==> flow/design.v <==
module my_addsub #(
    parameter integer W = 14
) (
    input  wire clk,
    input  wire [W-1:0] in0,
    input  wire subtract,
    output reg [W-1:0] result
);
    always @(posedge clk) begin
        result <= subtract ? -in0 : in0;
    end
endmodule
=== Tool chain data of my_addsub ===
Tool output for the design above, in the order of the flow.
Lines are those of the file above, counted from 1.
Cell names lack the library's common part.
Not given: n/a

* Top module: my_addsub
* Clock input: clk
* Cell library: sky130hd
* Corner: tt_025C_1v80

=== Elaborated design ===
Counts by Yosys on the flattened word-level netlist (proc, flatten, opt, wreduce; memories kept). Register bits leave out memories and registers merged into their read ports (data or address); mux counts leave out enables and synchronous resets folded into registers. Print and check cells are left out. Cells with the same type and inputs are merged into one.

* Register bits after elaboration: 14
* Bits in latches: 0
* RAM bits: 0
* Bits in read-only memories: 0
* Clocked read ports x word width: 0
* Memory cells: 0
* Bits of input ports: 16
* Elaborated cells: 3

* $add $sub $neg: 1
* Multiply operators: 0
* Div/mod/pow operators: 0
* $lt $le $gt $ge: 0
* Equality and inequality tests: 0
* Shifts and indexed selects: 0
* Multiplexer cells: 1
* Bitwise operators: 0
* Reduce/logical cells: 0

{| class="wikitable"
|+ Operators by type and width
! cell !! count
|-
| 14-bit negation || 1
|-
| 14-bit two-way mux || 1
|}

=== Logic depth ===
Depth = most cells in a row (Yosys ltp): at word level without a register or memory, in the mapped netlist without a sequential cell, where the memories' decode and read muxes count.

* Depth after elaboration: 2
* ABC_AREA: 0
* Depth in mapped cells: 5
* Mapped depth without buffers: 5

=== Synthesis result ===
The flow's flattened synthesis, as Yosys stat reports it; memories are mapped. The netlist is that of the ABC_AREA named above (0 if unset); the other value can give another one.

{| class="wikitable"
|+ Cells by type
! cell !! count
|-
| dfxtp_1 || 14
|-
| xnor2_1 || 12
|-
| o31ai_1 || 5
|-
| o41ai_2 || 2
|-
| or4_4 || 2
|-
| o21ai_0 || 3
|-
| ha_1 || 1
|-
| o41ai_1 || 1
|-
| or3b_2 || 1
|-
| inv_1 || 2
|-
| nand2_1 || 2
|-
| or3_2 || 1
|-
| nand2b_1 || 1
|-
| or2_2 || 1
|-
| or3_1 || 1
|-
| buf_2 || 1
|-
| buf_1 || 1
|}

* Mapped cells: 51
* Cell area after synthesis: 573.0 um2
* Sequential part of the area: 280.3 um2
* Flip-flop cells: 14
* Buffers: 2

=== Path before layout ===
Source: OpenSTA report_checks on the synthesized netlist (no wires, ideal clock, input and output delay 20% of the period each), path of least setup slack; recovery checks are left aside. Register names are those of the netlist, which keeps one name where synthesis merged equal registers.

* Path type: input port to flip-flop
* Start point: input port in0[1]
* End point: register result[12]
* Clock period: 1920 ps
* Time at the first pin: 384 ps
* Arrival: 1539 ps
* Slack: 308 ps
* Delay of the path: 1227 ps
* Driving pins on the path: 5
* Period reached after synthesis: 1612 ps

"delay of the path" is the arrival time less input delay plus setup time.
"driving pins on the path": output pins that drive a net of the path, with the launching flip-flop's if there is one; two outputs of one cell count as two.
"period reached after synthesis" = period - worst setup slack (recovery checks aside). The figure is calculated, with input and output delays left at 20% of the set period.
The rows between start and end are the longest chain of elaborated cells between them; the timing report does not say that the signal goes this way. Where chains are equally long, one stands for them.
Each line given opens the expression or statement behind the cell; cells for indexed reads and writes are added by Yosys, which also makes memories of some case tables.

* Path through: inv_1 -> ha_1 -> or3b_2 -> o41ai_2 -> xnor2_1
* Cells in the longest elaborated chain: 2
* Elaborated cells between the ends (all ways): 2
* RTL lines with such cells: 1
* Those cells by class: add/sub: 1; mux: 1

{| class="wikitable"
|+ Ends and longest elaborated chain, post-synthesis
! item !! line !! RTL
|-
| from (decl) || 5 || <nowiki>input  wire [W-1:0] in0,</nowiki>
|-
| 14-bit negation || 10 || <nowiki>result <= subtract ? -in0 : in0;</nowiki>
|-
| 14-bit two-way mux || 10 ||
|-
| to (assign) || 10 ||
|-
| to (decl) || 7 || <nowiki>output reg [W-1:0] result</nowiki>
|}

=== Path in the finished layout ===
From the final timing report of run A: the path of least setup slack in the routed layout; clock arrival at registers is part of the times.
The path's times are printed in steps of 10 ps; the period is the one set.

* Path type: input port to flip-flop
* Start point: input port in0[1]
* End point: register result[10]
* Clock period: 1920 ps
* Time at the first pin: 380 ps
* Arrival: 2010 ps
* Slack: 120 ps
* Driving pins on the path: 6

The rows between start and end are the longest chain of elaborated cells between them; the timing report does not say that the signal goes this way. Where chains are equally long, one stands for them.

* Path through: clkdlybuf4s50_1 -> inv_1 -> ha_1 -> or3b_2 -> o31ai_1 -> xnor2_1
* Cells in the longest elaborated chain: 2
* Elaborated cells between the ends (all ways): 2
* RTL lines with such cells: 1
* Those cells by class: add/sub: 1; mux: 1

{| class="wikitable"
|+ Ends and longest elaborated chain, after layout
! item !! line !! RTL
|-
| from (decl) || 5 || <nowiki>input  wire [W-1:0] in0,</nowiki>
|-
| 14-bit negation || 10 || <nowiki>result <= subtract ? -in0 : in0;</nowiki>
|-
| 14-bit two-way mux || 10 ||
|-
| to (assign) || 10 ||
|-
| to (decl) || 7 || <nowiki>output reg [W-1:0] result</nowiki>
|}

FLOW RESULTS
============

Measured results for my_addsub: 3 stored runs of the Yosys and OpenROAD flow on sky130hd. The settings differ; the order carries no meaning. The constraints put input and output delay at 20% of the set period each and load the outputs with 0.01 pF.
By "power" is meant OpenSTA's value without simulated activity: inputs other than the clock are taken to toggle once in ten clock periods, and the tool carries that through the logic.

Run A
==> flow/run.sh <==
#!/bin/bash
# the make line also repeats the synthesis and layout settings of config.mk as NAME=value (left out here)
make -C /OpenROAD-flow-scripts/flow DESIGN_CONFIG=/design/flow/config.mk WORK_HOME=/design/flow/orfs CLKGATE_MAP_FILE= finish
==> flow/config.mk <==
export PLATFORM = sky130hd
export DESIGN_NAME = my_addsub
export DESIGN_NICKNAME = my_addsub
export VERILOG_FILES = /design/flow/design.v
export SDC_FILE = /design/flow/constraint.sdc
export NUM_CORES = 4
export LEC_CHECK = 0
export CAP_MARGIN = 20
export CORE_MARGIN = 2
export CORE_UTILIZATION = 40
export SLEW_MARGIN = 20
==> flow/constraint.sdc <==
create_clock -name core_clock -period 1.92 [get_ports {clk}]
set_input_delay 0.3840 -clock core_clock [delete_from_list [all_inputs] [get_ports {clk}]]
set_output_delay 0.3840 -clock core_clock [all_outputs]
set_load 0.01 [all_outputs]

==> results of run A <==
chip area after synthesis (Yosys): 573.0 um2
die area: 1751.4 um2
utilization: 74.7%
worst setup slack after layout: 121 ps
worst hold slack: 698 ps
power: 0.0007214 W

Run B
==> flow/run.sh <==
#!/bin/bash
# the make line also repeats the synthesis and layout settings of config.mk as NAME=value (left out here)
make -C /OpenROAD-flow-scripts/flow DESIGN_CONFIG=/design/flow/config.mk WORK_HOME=/design/flow/orfs CLKGATE_MAP_FILE= finish
==> flow/config.mk <==
export PLATFORM = sky130hd
export DESIGN_NAME = my_addsub
export DESIGN_NICKNAME = my_addsub
export VERILOG_FILES = /design/flow/design.v
export SDC_FILE = /design/flow/constraint.sdc
export NUM_CORES = 4
export LEC_CHECK = 0
export CAP_MARGIN = 20
export CELL_PAD_IN_SITES_DETAIL_PLACEMENT = 2
export CELL_PAD_IN_SITES_GLOBAL_PLACEMENT = 0
export CORE_ASPECT_RATIO = 1.1
export CORE_MARGIN = 2
export CORE_UTILIZATION = 22
export HOLD_SLACK_MARGIN = 0.08
export MAX_ROUTING_LAYER = met5
export MIN_ROUTING_LAYER = met1
export PLACE_DENSITY_LB_ADDON = 0.15
export SETUP_SLACK_MARGIN = 0.19
export SLEW_MARGIN = 20
==> flow/constraint.sdc <==
create_clock -name core_clock -period 1.02 [get_ports {clk}]
set_input_delay 0.2040 -clock core_clock [delete_from_list [all_inputs] [get_ports {clk}]]
set_output_delay 0.2040 -clock core_clock [all_outputs]
set_load 0.01 [all_outputs]

==> results of run B <==
chip area after synthesis (Yosys): 573.0 um2
die area: 3029.3 um2
utilization: 51.7%
worst setup slack after layout: -225 ps
worst hold slack: 166 ps
power: 0.001401 W

Run C
==> flow/run.sh <==
#!/bin/bash
# the make line also repeats the synthesis and layout settings of config.mk as NAME=value (left out here)
make -C /OpenROAD-flow-scripts/flow DESIGN_CONFIG=/design/flow/config.mk WORK_HOME=/design/flow/orfs CLKGATE_MAP_FILE= finish
==> flow/config.mk <==
export PLATFORM = sky130hd
export DESIGN_NAME = my_addsub
export DESIGN_NICKNAME = my_addsub
export VERILOG_FILES = /design/flow/design.v
export SDC_FILE = /design/flow/constraint.sdc
export NUM_CORES = 4
export LEC_CHECK = 0
export CAP_MARGIN = 35
export CELL_PAD_IN_SITES_DETAIL_PLACEMENT = 0
export CELL_PAD_IN_SITES_GLOBAL_PLACEMENT = 1
export CORE_ASPECT_RATIO = 1.31
export CORE_MARGIN = 2
export CORE_UTILIZATION = 15
export GPL_TIMING_DRIVEN = 0
export MIN_ROUTING_LAYER = met1
export PLACE_DENSITY_LB_ADDON = 0.19
export SETUP_SLACK_MARGIN = 0.0
export SLEW_MARGIN = 20
==> flow/constraint.sdc <==
create_clock -name core_clock -period 1.02 [get_ports {clk}]
set_input_delay 0.2040 -clock core_clock [delete_from_list [all_inputs] [get_ports {clk}]]
set_output_delay 0.2040 -clock core_clock [all_outputs]
set_load 0.01 [all_outputs]

==> results of run C <==
chip area after synthesis (Yosys): 573.0 um2
die area: 4335.2 um2
utilization: 31.1%
worst setup slack after layout: -215 ps
worst hold slack: 85 ps
power: 0.001424 W
